==> flow/design.v <==
module dp_times_p (aclk, i_rst_n, da, db, prod);
    parameter DATA_W = 7;
    parameter COUNT = 4;
    localparam SUM_W = 2*DATA_W + $clog2(COUNT);
    input aclk;
    input i_rst_n;
    input [COUNT*DATA_W-1:0] da;
    input [COUNT*DATA_W-1:0] db;
    output [SUM_W-1:0] prod;
    reg [COUNT*DATA_W-1:0] da_ff;
    reg [COUNT*DATA_W-1:0] db_ff;
    reg [SUM_W-1:0] t;
    integer k;
    always @* begin
        t = 0;
        for (k = 0; k < COUNT; k = k + 1)
            t = t + da_ff[k*DATA_W +: DATA_W] * db_ff[k*DATA_W +: DATA_W];
    end
    assign prod = t;
    always @(posedge aclk or negedge i_rst_n) begin
        if (!i_rst_n) begin
            da_ff <= 0;
            db_ff <= 0;
        end else begin
            da_ff <= da;
            db_ff <= db;
        end
    end
endmodule
Reports on dp_times_p
The steps from the RTL of dp_times_p to its reports follow in flow order. Lines are those of the file above, counted from 1. Cell names lack the library's common part. A cell with - has no value.

Top: dp_times_p. Clock input: aclk. Standard-cell library: sky130hd. Library corner: tt_025C_1v80.

After elaboration
Counts by Yosys on the flattened word-level netlist (proc, flatten, opt, wreduce; memories kept). Register bits leave out memories and registers merged into their read ports (data or address); mux counts leave out enables and synchronous resets folded into registers. Print and check cells are left out. Cells with the same type and inputs are merged into one.

Flip-flop bits (word level): 56. The entry for input port bits reads 58. For output and inout port bits the number is 16. Word-level cells: 9.

Under add/subtract/negate cells stands 3. Under $mul stands 4.

Operator list (count): multiplier 7 x 7 -> 14 bit (4); adder 15 x 14 -> 16 bit (1); adder 16 x 14 -> 16 bit (1); adder 14 x 14 -> 15 bit (1).

Logic depth
Longest topological path by Yosys (ltp), each cell counted once; first at word level (registers and memories cut), then after technology mapping (sequential cells cut; the memories' decode and read muxes count).

The figure for depth after elaboration is 4. For ABC_AREA the number is 1. The figure for mapped depth is 24.

Synthesis result
Source: synth_stat.txt of the flow (Yosys; design flattened, memories mapped). It holds for the ABC_AREA given above (unset counts as 0); a run with the other value may have another netlist. The area totals of this step are shown rounded.

Cell types: fa_1 (count 167, area in all 3.34E+03 µm²); inv_1 (count 386, area in all 1448.89 µm²); dfrtp_1 (count 56, area in all 1.4E+03 µm²); ha_1 (count 92, area in all 1.15E+03 µm²); nand2_1 (count 245, area in all 919.632 µm²); nand3_1 (count 11, area in all 55.053 µm²); nor2_1 (count 14, area in all 52.55 µm²); a21oi_1 (count 7, area in all 35.034 µm²); xnor2_1 (count 4, area in all 35.034 µm²); xor2_1 (count 4, area in all 35.034 µm²); nand2_2 (count 5, area in all 31.28 µm²); nand4_1 (count 3, area in all 18.768 µm²); nand3_2 (count 1, area in all 10.01 µm²); nor3_2 (count 1, area in all 10.01 µm²); a21oi_2 (count 1, area in all 8.758 µm²); inv_2 (count 2, area in all 7.507 µm²); o21bai_1 (count 1, area in all 7.507 µm²); or2_1 (count 1, area in all 6.256 µm²); clkinv_1 (count 1, area in all 3.754 µm²).

Under cell count stands 1002. Under synthesis area stands 8600 µm². The figure for area of sequential cells is 1400 µm². The entry for flip-flop cells reads 56. The figure for buffer cells is 0.

Path before layout
OpenSTA on the mapped netlist: ideal clock, no wires. The path of least setup slack (recovery checks aside). Input and output delay are each 20% of the period. Register names are those of the netlist, which keeps one name where synthesis merged equal registers.

Path type: register to output. Start: register da_ff[4]. End: output prod[10]. The entry for clock period reads 8830 ps. External output delay: 1766 ps. For arrival the number is 5093 ps. Required time: 7064 ps. The entry for path slack reads 1971 ps. For path delay the number is 5093 ps. Stages on the path: 21. For synthesis period reached the number is 6859 ps.

"path delay" is the arrival time less input delay plus setup time. A path that ends at an output port has no setup time. "stages on the path" counts driving pins, that of a launching flip-flop among them; a cell with two outputs on the path counts twice. "synthesis period reached" is the clock period less the worst setup slack; recovery checks do not enter. This is arithmetic on one report: input and output delays are still those of the set period (20% each). The rows between start and end are the longest chain of elaborated cells between them; the timing report does not say that the signal goes this way. Where chains are equally long, one stands for them. A line is the first line of the expression or statement that the cell stems from. Yosys adds cells for indexed reads and writes and turns some case tables into memories.

Cells stage by stage: dfrtp_1 nand2_1 fa_1 inv_1 fa_1 inv_1 fa_1 fa_1 inv_1 fa_1 fa_1 inv_1 fa_1 inv_1 ha_1 nand2_1 inv_1 nand2_1 nand2_1 a21oi_1 xnor2_1. The entry for cells in the longest elaborated chain reads 4. For elaborated cells between the ends (all ways) the number is 4. RTL lines with such cells: 1. Classes of those cells: add/sub: 3; mul: 1.

Ends and longest elaborated chain, after synthesis: from (decl) (RTL line 10) `reg [COUNT*DATA_W-1:0] da_ff;`; from (assign) (RTL line 22) `da_ff <= 0;`; from (assign) (RTL line 25) `da_ff <= da;`; multiplier 7 x 7 -> 14 bit (RTL line 17) `t = t + da_ff[k*DATA_W +: DATA_W] * db_ff[k*DATA_W +: DATA_W];`; adder 14 x 14 -> 15 bit (RTL line 17); adder 15 x 14 -> 16 bit (RTL line 17); adder 16 x 14 -> 16 bit (RTL line 17); to (decl) (RTL line 9) `output [SUM_W-1:0] prod;`.

Timing after layout
From the final timing report of run A: the path of least setup slack in the routed layout; clock arrival at registers is part of the times. The report prints the path's times to 10 ps; the period is as set.

Path type: register to output. Start: register da_ff[4]. End: output prod[14]. The entry for clock period reads 13000 ps. External output delay: 2600 ps. For arrival the number is 6520 ps. Required time: 10400 ps. The entry for path slack reads 3880 ps. Stages on the path: 22.

The rows between start and end are the longest chain of elaborated cells between them; the timing report does not say that the signal goes this way. Where chains are equally long, one stands for them.

Cells stage by stage: dfrtp_1 nand2_1 fa_1 inv_1 fa_1 inv_1 fa_1 fa_1 inv_1 fa_1 fa_1 inv_1 fa_1 inv_1 ha_1 nand2_1 nor2_1 nand3_1 nand3_1 nand2_1 nand2_1 clkdlybuf4s50_1. The entry for cells in the longest elaborated chain reads 4. For elaborated cells between the ends (all ways) the number is 4. RTL lines with such cells: 1. Classes of those cells: add/sub: 3; mul: 1.

Ends and longest elaborated chain, after layout: from (decl) (RTL line 10) `reg [COUNT*DATA_W-1:0] da_ff;`; from (assign) (RTL line 22) `da_ff <= 0;`; from (assign) (RTL line 25) `da_ff <= da;`; multiplier 7 x 7 -> 14 bit (RTL line 17) `t = t + da_ff[k*DATA_W +: DATA_W] * db_ff[k*DATA_W +: DATA_W];`; adder 14 x 14 -> 15 bit (RTL line 17); adder 15 x 14 -> 16 bit (RTL line 17); adder 16 x 14 -> 16 bit (RTL line 17); to (decl) (RTL line 9) `output [SUM_W-1:0] prod;`.

# Flow runs of dp_times_p

Module dp_times_p, platform sky130hd: 3 stored runs of the flow (Yosys, OpenROAD) with differing settings, in no particular order. Input and output delays are each 20% of the period that was set; the output load is 0.01 pF. "clock period achieved" means the clock period less the worst setup slack. The figure is calculated, with input and output delays left at 20% of the set period. "worst path time" = time allowed to the worst setup path (clock period - input delay - output delay, where it has them) - its slack; a late launch clock adds to it, a late capture clock takes from it. "worst path time" is known to 10 ps. The measured numbers are rounded.

Run A has these settings: period_ns 13.0; CORE_UTILIZATION 23; SETUP_SLACK_MARGIN 0.74; PLACE_DENSITY_LB_ADDON 0.15; CORE_MARGIN 5; CELL_PAD_IN_SITES_DETAIL_PLACEMENT 2; TNS_END_PERCENT 5; ABC_AREA 1; GPL_ROUTABILITY_DRIVEN 1; CTS_CLUSTER_DIAMETER 92; SLEW_MARGIN 30; CAP_MARGIN 20. The measured cell area after synthesis is 8,600 µm². The area of the die is 41,000 µm². The standard-cell area after layout reads 10,000 µm². The utilization of the finished layout stands at 27 %. The measured setup slack of the worst path is 3,900 ps. The final setup TNS stands at 0 ps. The measured clock period achieved is 9,118 ps. The worst path time comes to 6,520 ps. Worst setup path kind: register to output.

Run B has these settings: period_ns 4.49; CORE_UTILIZATION 55; HOLD_SLACK_MARGIN 0.11; CORE_ASPECT_RATIO 0.7; CORE_MARGIN 10; GPL_TIMING_DRIVEN 1; CTS_CLUSTER_SIZE 95; SLEW_MARGIN 30; MIN_ROUTING_LAYER met1; MAX_ROUTING_LAYER met5; CAP_MARGIN 20. The measured cell area after synthesis is 8,200 µm². The area of the die is 20,000 µm². The standard-cell area after layout reads 11,000 µm². The utilization of the finished layout stands at 72 %. The measured setup slack of the worst path is -2,600 ps. The final setup TNS stands at -29,000 ps. The measured clock period achieved is 7,062 ps. The worst path time comes to 6,160 ps. Worst setup path kind: register to output.

Run C has these settings: period_ns 8.83; CAP_MARGIN 20; CORE_MARGIN 2; CORE_UTILIZATION 40; SLEW_MARGIN 20. The measured cell area after synthesis is 8,200 µm². The area of the die is 22,000 µm². The standard-cell area after layout reads 9,500 µm². The utilization of the finished layout stands at 47 %. The measured setup slack of the worst path is 310 ps. The final setup TNS stands at 0 ps. The measured clock period achieved is 8,519 ps. The worst path time comes to 6,750 ps. Worst setup path kind: register to output.
